==> flow/design.v <==
module cmp_unit_blk #(
    parameter int W = 28
) (
    input logic core_clk,
    input logic clr,
    input logic [W-1:0] lhs_in,
    input logic [W-1:0] rhs_in,
    output logic a_lt_b_out,
    output logic is_eq_out,
    output logic gt_out
);
    always_ff @(posedge core_clk or posedge clr) begin
        if (clr) begin
            a_lt_b_out <= 1'b0;
            is_eq_out <= 1'b0;
            gt_out <= 1'b0;
        end else begin
            a_lt_b_out <= (lhs_in < rhs_in);
            is_eq_out <= (lhs_in == rhs_in);
            gt_out <= (lhs_in > rhs_in);
        end
    end
endmodule
Wiki page: cmp_unit_blk / tool data

From RTL to reports: cmp_unit_blk
Module cmp_unit_blk in several versions that differ in "W"; each step lists the members.
The RTL above is that of W 28; lines are counted from 1 in the file of the member named.
{ "setup": {"design": "cmp_unit_blk", "clk_port": "core_clk", "library": "sky130hd", "pvt_corner": "tt_025C_1v80"} }

Source of the members
Lines of each other member's file that are new or changed against the file above; lines that a member lacks are not shown.
{ "src_changes": {"columns": ["W", "line", "source"], "rows": [
  [48, 2, "parameter int W = 48"],
  [112, 2, "parameter int W = 112"]
]} }

After elaboration
Yosys after proc, flatten, opt, wreduce and memory -nomap, before mapping. Enables and synchronous resets that opt folds into registers are not counted as muxes. Memory bits, and registers merged into a memory's read port (data or address), are not among the register bits. Print and check cells are not counted. Equal cells are merged and count once.
{ "bits": {"columns": ["W", "regBits", "wordCells", "out_inout_bits", "inputBits"], "rows": [
  [28, 3, 6, 3, 58],
  [48, 3, 6, 3, 98],
  [112, 3, 6, 3, 226]
]} }
{ "op_classes": {"columns": ["W", "cmp", "equal"], "rows": [
  [28, 2, 1],
  [48, 2, 1],
  [112, 2, 1]
]} }
{ "op_table": {"columns": ["W", "op_list"], "rows": [
  [28, "28-bit > comparator (1); 28-bit < comparator (1); 28-bit == test (1)"],
  [48, "48-bit > comparator (1); 48-bit < comparator (1); 48-bit == test (1)"],
  [112, "112-bit > comparator (1); 112-bit < comparator (1); 112-bit == test (1)"]
]} }

Depth
Yosys ltp: most cells in a row. Word level: on the elaborated netlist, between registers, memories and ports. Mapped: between sequential cells and ports; inverters and the memories' decode and read muxes count.
{ "logic_depth": {"columns": ["W", "word_depth", "abc_area", "depth_mapped", "depth_no_buf"], "rows": [
  [28, 1, 0, 7, 7],
  [48, 1, 0, 7, 7],
  [112, 1, 0, 9, 9]
]} }

Mapped cells and area
The flow's flattened synthesis, as Yosys stat reports it; memories are mapped. The netlist is that of the ABC_AREA named above (0 if unset); the other value can give another one.
{ "mapped": {"columns": ["W", "n_buf", "area_um2", "ff_cells", "stdcells", "seq_area_um2"], "rows": [
  [28, 0, 794.5, 3, 101, 75.1],
  [48, 0, 1442.6, 3, 187, 75.1],
  [112, 0, 2949.1, 3, 409, 75.1]
]} }
{ "types": {"columns": ["W", "type_list"], "rows": [
  [28, "sky130_fd_sc_hd__ha_1 (28); sky130_fd_sc_hd__inv_1 (29); sky130_fd_sc_hd__dfrtp_1 (3); sky130_fd_sc_hd__a21oi_1 (9); sky130_fd_sc_hd__nand4_1 (4); sky130_fd_sc_hd__nand3_1 (4); sky130_fd_sc_hd__and4_1 (2); sky130_fd_sc_hd__a21o_1 (2); sky130_fd_sc_hd__a221oi_2 (1); sky130_fd_sc_hd__nand2_1 (4); sky130_fd_sc_hd__and2_1 (2); sky130_fd_sc_hd__and4_4 (1); sky130_fd_sc_hd__a221o_1 (1); sky130_fd_sc_hd__a221oi_1 (1); sky130_fd_sc_hd__o41ai_1 (1); sky130_fd_sc_hd__a211oi_1 (1); sky130_fd_sc_hd__a21boi_0 (1); sky130_fd_sc_hd__o211ai_1 (1); [+6]"],
  [48, "sky130_fd_sc_hd__ha_1 (48); sky130_fd_sc_hd__inv_1 (51); sky130_fd_sc_hd__a21oi_1 (21); sky130_fd_sc_hd__dfrtp_1 (3); sky130_fd_sc_hd__nand4_1 (9); sky130_fd_sc_hd__nand2_1 (12); sky130_fd_sc_hd__and4_4 (3); sky130_fd_sc_hd__nand3_1 (5); sky130_fd_sc_hd__nand4_2 (2); sky130_fd_sc_hd__nor4_2 (2); sky130_fd_sc_hd__o21ai_0 (5); sky130_fd_sc_hd__nor4b_4 (1); sky130_fd_sc_hd__nand4_4 (1); sky130_fd_sc_hd__a221oi_2 (1); sky130_fd_sc_hd__nor4b_2 (1); sky130_fd_sc_hd__or4_4 (1); sky130_fd_sc_hd__a2111oi_0 (1); sky130_fd_sc_hd__a211o_1 (1); [+19]"],
  [112, "sky130_fd_sc_hd__ha_1 (112); sky130_fd_sc_hd__inv_1 (117); sky130_fd_sc_hd__a21oi_1 (41); sky130_fd_sc_hd__nand4_1 (22); sky130_fd_sc_hd__a21o_1 (13); sky130_fd_sc_hd__nand2_1 (26); sky130_fd_sc_hd__nand3_1 (18); sky130_fd_sc_hd__dfrtp_1 (3); sky130_fd_sc_hd__o21ai_0 (11); sky130_fd_sc_hd__o211ai_1 (6); sky130_fd_sc_hd__a221o_1 (4); sky130_fd_sc_hd__a221oi_1 (3); sky130_fd_sc_hd__nor2_1 (7); sky130_fd_sc_hd__nor3_1 (5); sky130_fd_sc_hd__nor4_1 (4); sky130_fd_sc_hd__nor4_2 (2); sky130_fd_sc_hd__a211o_1 (2); sky130_fd_sc_hd__a21oi_2 (2); [+11]"]
]} }
A list marked [+n] leaves out that many cells.

Timing after synthesis
Path of least setup slack by OpenSTA after synthesis, without wires, with an ideal clock, recovery checks aside; 20% of the period is set as input and as output delay. Where synthesis merged equal registers, the netlist keeps one of their names.
{ "synth_path": {"columns": ["W", "path_kind", "startpoint", "endpoint", "path_delay_ns", "slack_ns", "period_ns", "stages", "synth_period_reached_ns"], "rows": [
  [28, "input -> register", "input port rhs_in[21]", "register gt_out", 1.358, 0.338, 2.12, 7, 1.782],
  [48, "input -> register", "input port rhs_in[15]", "register gt_out", 1.329, 0.335, 2.08, 7, 1.745],
  [112, "input -> register", "input port rhs_in[57]", "register gt_out", 1.714, 0.430, 2.68, 9, 2.25]
]} }
"path_delay_ns" is the arrival time less input delay plus setup time.
"stages" counts driving pins, that of a launching flip-flop among them; a cell with two outputs on the path counts twice.
"synth_period_reached_ns" is the clock period less the worst setup slack; recovery checks do not enter. This is arithmetic on one report: input and output delays are still those of the set period (20% each).
The rows between start and end are the longest chain of elaborated cells between them; the timing report does not say that the signal goes this way. Where chains are equally long, one stands for them.
Each line given opens the expression or statement behind the cell; cells for indexed reads and writes are added by Yosys, which also makes memories of some case tables.
{ "synth_via_W_28": {"elab_chain_cells": 1} }
{ "synth_rtl_W_28": {"columns": ["item", "line", "source"], "rows": [
  ["start, declared", 7, "input logic [W-1:0] rhs_in,"],
  ["28-bit > comparator", 20, "gt_out <= (lhs_in > rhs_in);"],
  ["end, assigned", 16, "gt_out <= 1'b0;"],
  ["end, assigned", 20, null],
  ["end, declared", 10, "output logic gt_out"]
]} }
{ "synth_via_W_112": {"elab_chain_cells": 1} }
{ "synth_rtl_W_112": {"columns": ["item", "line", "source"], "rows": [
  ["start, declared", 7, "input logic [W-1:0] rhs_in,"],
  ["112-bit > comparator", 20, "gt_out <= (lhs_in > rhs_in);"],
  ["end, assigned", 16, "gt_out <= 1'b0;"],
  ["end, assigned", 20, null],
  ["end, declared", 10, "output logic gt_out"]
]} }

Worst path after layout
From the final timing report of the run of each member: the path of least setup slack in the routed layout; clock arrival at registers is part of the times.
{ "layout_path": {"columns": ["W", "path_kind", "startpoint", "endpoint", "slack_ns", "path_buffers", "period_ns", "stages", "arrival_time_ns"], "rows": [
  [28, "input -> register", "input port rhs_in[21]", "register gt_out", 0.11, 1, 2.12, 8, 2.12],
  [48, "input -> register", "input port lhs_in[27]", "register gt_out", -0.10, 2, 2.08, 8, 2.30],
  [112, "input -> register", "input port rhs_in[94]", "register gt_out", 0.10, 1, 2.68, 10, 2.68]
]} }

Measured runs
One run of the flow (Yosys, OpenROAD) for each member, with settings and measured results. Input and output delays are each 20% of the period that was set; the output load is 0.01 pF.
{ "flow_settings": {"CAP_MARGIN": 20, "CORE_MARGIN": 2, "CORE_UTILIZATION": 40, "SLEW_MARGIN": 20} }
{ "settings_diff": {"columns": ["W", "period_ns"], "rows": [
  [28, 2.12],
  [48, 2.08],
  [112, 2.68]
]} }
{ "results": {"columns": ["W", "power.total_uw", "worst_setup_slack_ns", "final_util_pct", "timing.achieved_period_ns", "stdcell_area_um2", "synth_chip_area_um2", "final_setup_tns_ns", "die_footprint_um2"], "rows": [
  [28, 413.3, 0.106, 77.7, 2.014, 1492.7, 794.5, 0.000, 2358.6],
  [48, 778.5, -0.099, 91.5, 2.179, 3100.5, 1442.6, -0.158, 4103.0],
  [112, 947.7, 0.102, 77.7, 2.578, 5605.4, 2949.1, 0.000, 8075.7]
]} }
"timing.achieved_period_ns" is the run's clock period less its worst setup slack. It is reckoned from that one timing run; input and output delays stay at 20% of the period that was set.
"power.total_uw" is the tool's figure for a default switching activity; nothing was simulated.
